==> flow/design.v <==
module my_mpy_n #(
   parameter integer DW = 10
) (
   input wire aclk,
   input wire RSTN,
   input wire signed [DW-1:0] i_da,
   input wire signed [DW-1:0] i_db,
   output reg signed [2*DW-1:0] o_m
);
   always @(posedge aclk) begin
      if (!RSTN) begin
         o_m <= 0;
      end else begin
         o_m <= i_da * i_db;
      end
   end
endmodule
### Tool chain data of my_mpy_n

Tool output for the design above, in the order of the flow.
Lines are those of the file above, counted from 1.
Operators carry their Yosys type and port widths (W data, S select, Z words).
Library cell names are shortened.
A cell with -- has no value.

| set-up | value |
|---|---|
| top | my_mpy_n |
| clock input | aclk |
| standard-cell library | sky130hd |
| corner | tt_025C_1v80 |

### Word level

Source: Yosys, flattened and elaborated, memories not mapped. Widths are those after wreduce; folded enables and synchronous resets count as part of the registers. Registers that Yosys merges into a memory's read port (data or address) are not register bits. Print and check cells do not count. Equal cells are merged and count once.

| storage and ports | value |
|---|---|
| input port bits | 22 |
| cells after elaboration | 2 |
| output and inout bits | 20 |
| bits in registers | 20 |

| cells by class | value |
|---|---|
| $mul | 1 |

Operators with widths:

| cell | count |
|---|---|
| $mul A10 B10 Y20 | 1 |

### Logic depth

Longest topological path by Yosys (ltp), each cell counted once; first at word level (registers and memories cut), then after technology mapping (sequential cells cut; the memories' decode and read muxes count).

| depth | value |
|---|---|
| word-level depth | 1 |
| ABC_AREA | 0 |
| gate-level depth with buffers | 19 |
| mapped depth without buffers | 18 |

### After synthesis

The flow's flattened synthesis, as Yosys stat reports it; memories are mapped. The netlist is that of the ABC_AREA named above (0 if unset); the other value can give another one.

Cells by type:

| cell type | count | total area (um^2) |
|---|---|---|
| fa_1 | 91 | 1.82E+03 |
| ha_1 | 49 | 613.088 |
| inv_1 | 136 | 510.49 |
| dfxtp_1 | 20 | 400.384 |
| and2_1 | 38 | 237.728 |
| nand2_1 | 62 | 232.723 |
| xnor2_1 | 15 | 131.376 |
| clkbuf_1 | 18 | 67.565 |
| nor2_1 | 17 | 63.811 |
| a21oi_1 | 9 | 45.043 |
| nand2b_1 | 7 | 43.792 |
| mux2i_1 | 3 | 30.029 |
| nor3_2 | 3 | 30.029 |
| o21a_1 | 4 | 30.029 |
| xor2_1 | 3 | 26.275 |
| nor3_1 | 5 | 25.024 |
| a21o_1 | 3 | 22.522 |
| nand3_1 | 4 | 20.019 |

Not listed: further types 26, cells in them 32.

| synthesis totals | value |
|---|---|
| mapped area | 4611.9 um^2 |
| buffer cells | 19 |
| flip-flops | 20 |
| cells in the netlist | 519 |

### Worst setup path after synthesis

Source: OpenSTA report_checks on the synthesized netlist (no wires, ideal clock, input and output delay 20% of the period each), path of least setup slack; recovery checks are left aside. Register names are those of the netlist, which keeps one name where synthesis merged equal registers.

| timing path after synthesis | value |
|---|---|
| kind | input to register |
| start | input i_da[9] |
| end | register o_m[19] |
| stages | 18 |
| clock period | 6960 ps |
| input delay | 1392 ps |
| data arrival time | 5733 ps |
| delay of the path | 4456 ps |
| setup slack | 1112 ps |
| launch time at the first pin | 1392 ps |
| period reached after synthesis | 5848 ps |

"delay of the path" = arrival - input delay + setup time.
"stages": output pins that drive a net of the path, with the launching flip-flop's if there is one; two outputs of one cell count as two.
"period reached after synthesis" = period - worst setup slack (recovery checks aside). The figure is calculated, with input and output delays left at 20% of the set period.
The rows between start and end are the longest chain of elaborated cells between them; the timing report does not say that the signal goes this way. Where chains are equally long, one stands for them.
Each line given opens the expression or statement behind the cell; cells for indexed reads and writes are added by Yosys, which also makes memories of some case tables.

| between the ends, after synthesis | value |
|---|---|
| cells stage by stage | clkbuf_1 > and2_1 > fa_1 > inv_1 > fa_1 > inv_1 > fa_1 > fa_1 > inv_1 > fa_1 > inv_1 > ha_1 > a21oi_1 > o21ai_0 > a21oi_1 > o21ai_2 > xnor2_1 > and2_1 |
| length of the longest elaborated chain | 1 |
| elaborated cells on any way between the ends | 1 |
| source lines of those cells | 1 |
| classes of those cells | 1 x mul |

RTL lines, path after synthesis:

| item | line | RTL |
|---|---|---|
| start: declaration | 6 | `input wire signed [DW-1:0] i_da,` |
| $mul A10 B10 Y20 | 14 | `o_m <= i_da * i_db;` |
| end: assignment | 12 | `o_m <= 0;` |
| end: assignment | 14 |  |
| end: declaration | 8 | `output reg signed [2*DW-1:0] o_m` |

### Timing after layout

Path of least setup slack in the final report of run 1 (OpenROAD, finished layout, wires in). Where an end is a register, its clock arrival counts in the times.
The path's times are printed in steps of 10 ps; the period is the one set.

| timing path after layout | value |
|---|---|
| kind | input to register |
| start | input i_db[5] |
| end | register o_m[19] |
| clock period | 6960 ps |
| data arrival time | 6490 ps |
| launch time at the first pin | 1390 ps |
| stages | 18 |
| setup slack | 610 ps |
| input delay | 1390 ps |

The rows between start and end are the longest chain of elaborated cells between them; the timing report does not say that the signal goes this way. Where chains are equally long, one stands for them.

| between the ends, after layout | value |
|---|---|
| cells stage by stage | clkdlybuf4s50_1 > and2_1 > fa_1 > inv_1 > fa_1 > inv_1 > fa_1 > fa_1 > inv_1 > fa_1 > inv_1 > ha_1 > a21oi_1 > o21ai_0 > a21oi_1 > o21ai_2 > xnor2_1 > and2_1 |
| length of the longest elaborated chain | 1 |
| elaborated cells on any way between the ends | 1 |
| source lines of those cells | 1 |
| classes of those cells | 1 x mul |

RTL lines, path after layout:

| item | line | RTL |
|---|---|---|
| start: declaration | 7 | `input wire signed [DW-1:0] i_db,` |
| $mul A10 B10 Y20 | 14 | `o_m <= i_da * i_db;` |
| end: assignment | 12 | `o_m <= 0;` |
| end: assignment | 14 |  |
| end: declaration | 8 | `output reg signed [2*DW-1:0] o_m` |

## Implementation results

Measured data: module my_mpy_n, platform sky130hd, 3 stored runs of the flow under differing settings, order arbitrary. Input and output delays are each 20% of the period that was set; the output load is 0.01 pF.
"total design power" is the tool's figure for a default switching activity; nothing was simulated.
Settings: n/a = not set for that run.
A result given as n/a is not shown for that run.

| stored run | period_ns | CAP_MARGIN | CORE_MARGIN | CORE_UTILIZATION | SLEW_MARGIN | SETUP_SLACK_MARGIN | CELL_PAD_IN_SITES_DETAIL_PLACEMENT | GPL_ROUTABILITY_DRIVEN | MAX_ROUTING_LAYER | PLACE_DENSITY | GPL_TIMING_DRIVEN | smallest setup slack (ps) | total design power (mW) | standard-cell area after routing (um^2) | utilization of the finished layout (%) | smallest hold slack (ps) | die outline area (um^2) | synthesis area (um^2) |
|---|---|---|---|---|---|---|---|---|---|---|---|---|---|---|---|---|---|---|
| run 1 | 6.96 | 20 | 2 | 40 | 20 | n/a | n/a | n/a | n/a | n/a | n/a | 614 | 2.279 | 5235.0 | 46.2 | 2003 | 12404.4 | 4611.9 |
| run 2 | 7.47 | 20 | 4 | 55 | 20 | -0.7 | 2 | 0 | met5 | n/a | n/a | n/a | n/a | n/a | n/a | n/a | n/a | n/a |
| run 3 | 9.51 | 20 | 5 | 43 | 20 | 0.88 | n/a | 1 | n/a | 0.9 | 1 | 2553 | 1.692 | 5162.4 | 49.6 | 2510 | 12897.0 | 4611.9 |

Run 2: incomplete, placement halted on DPL-0033
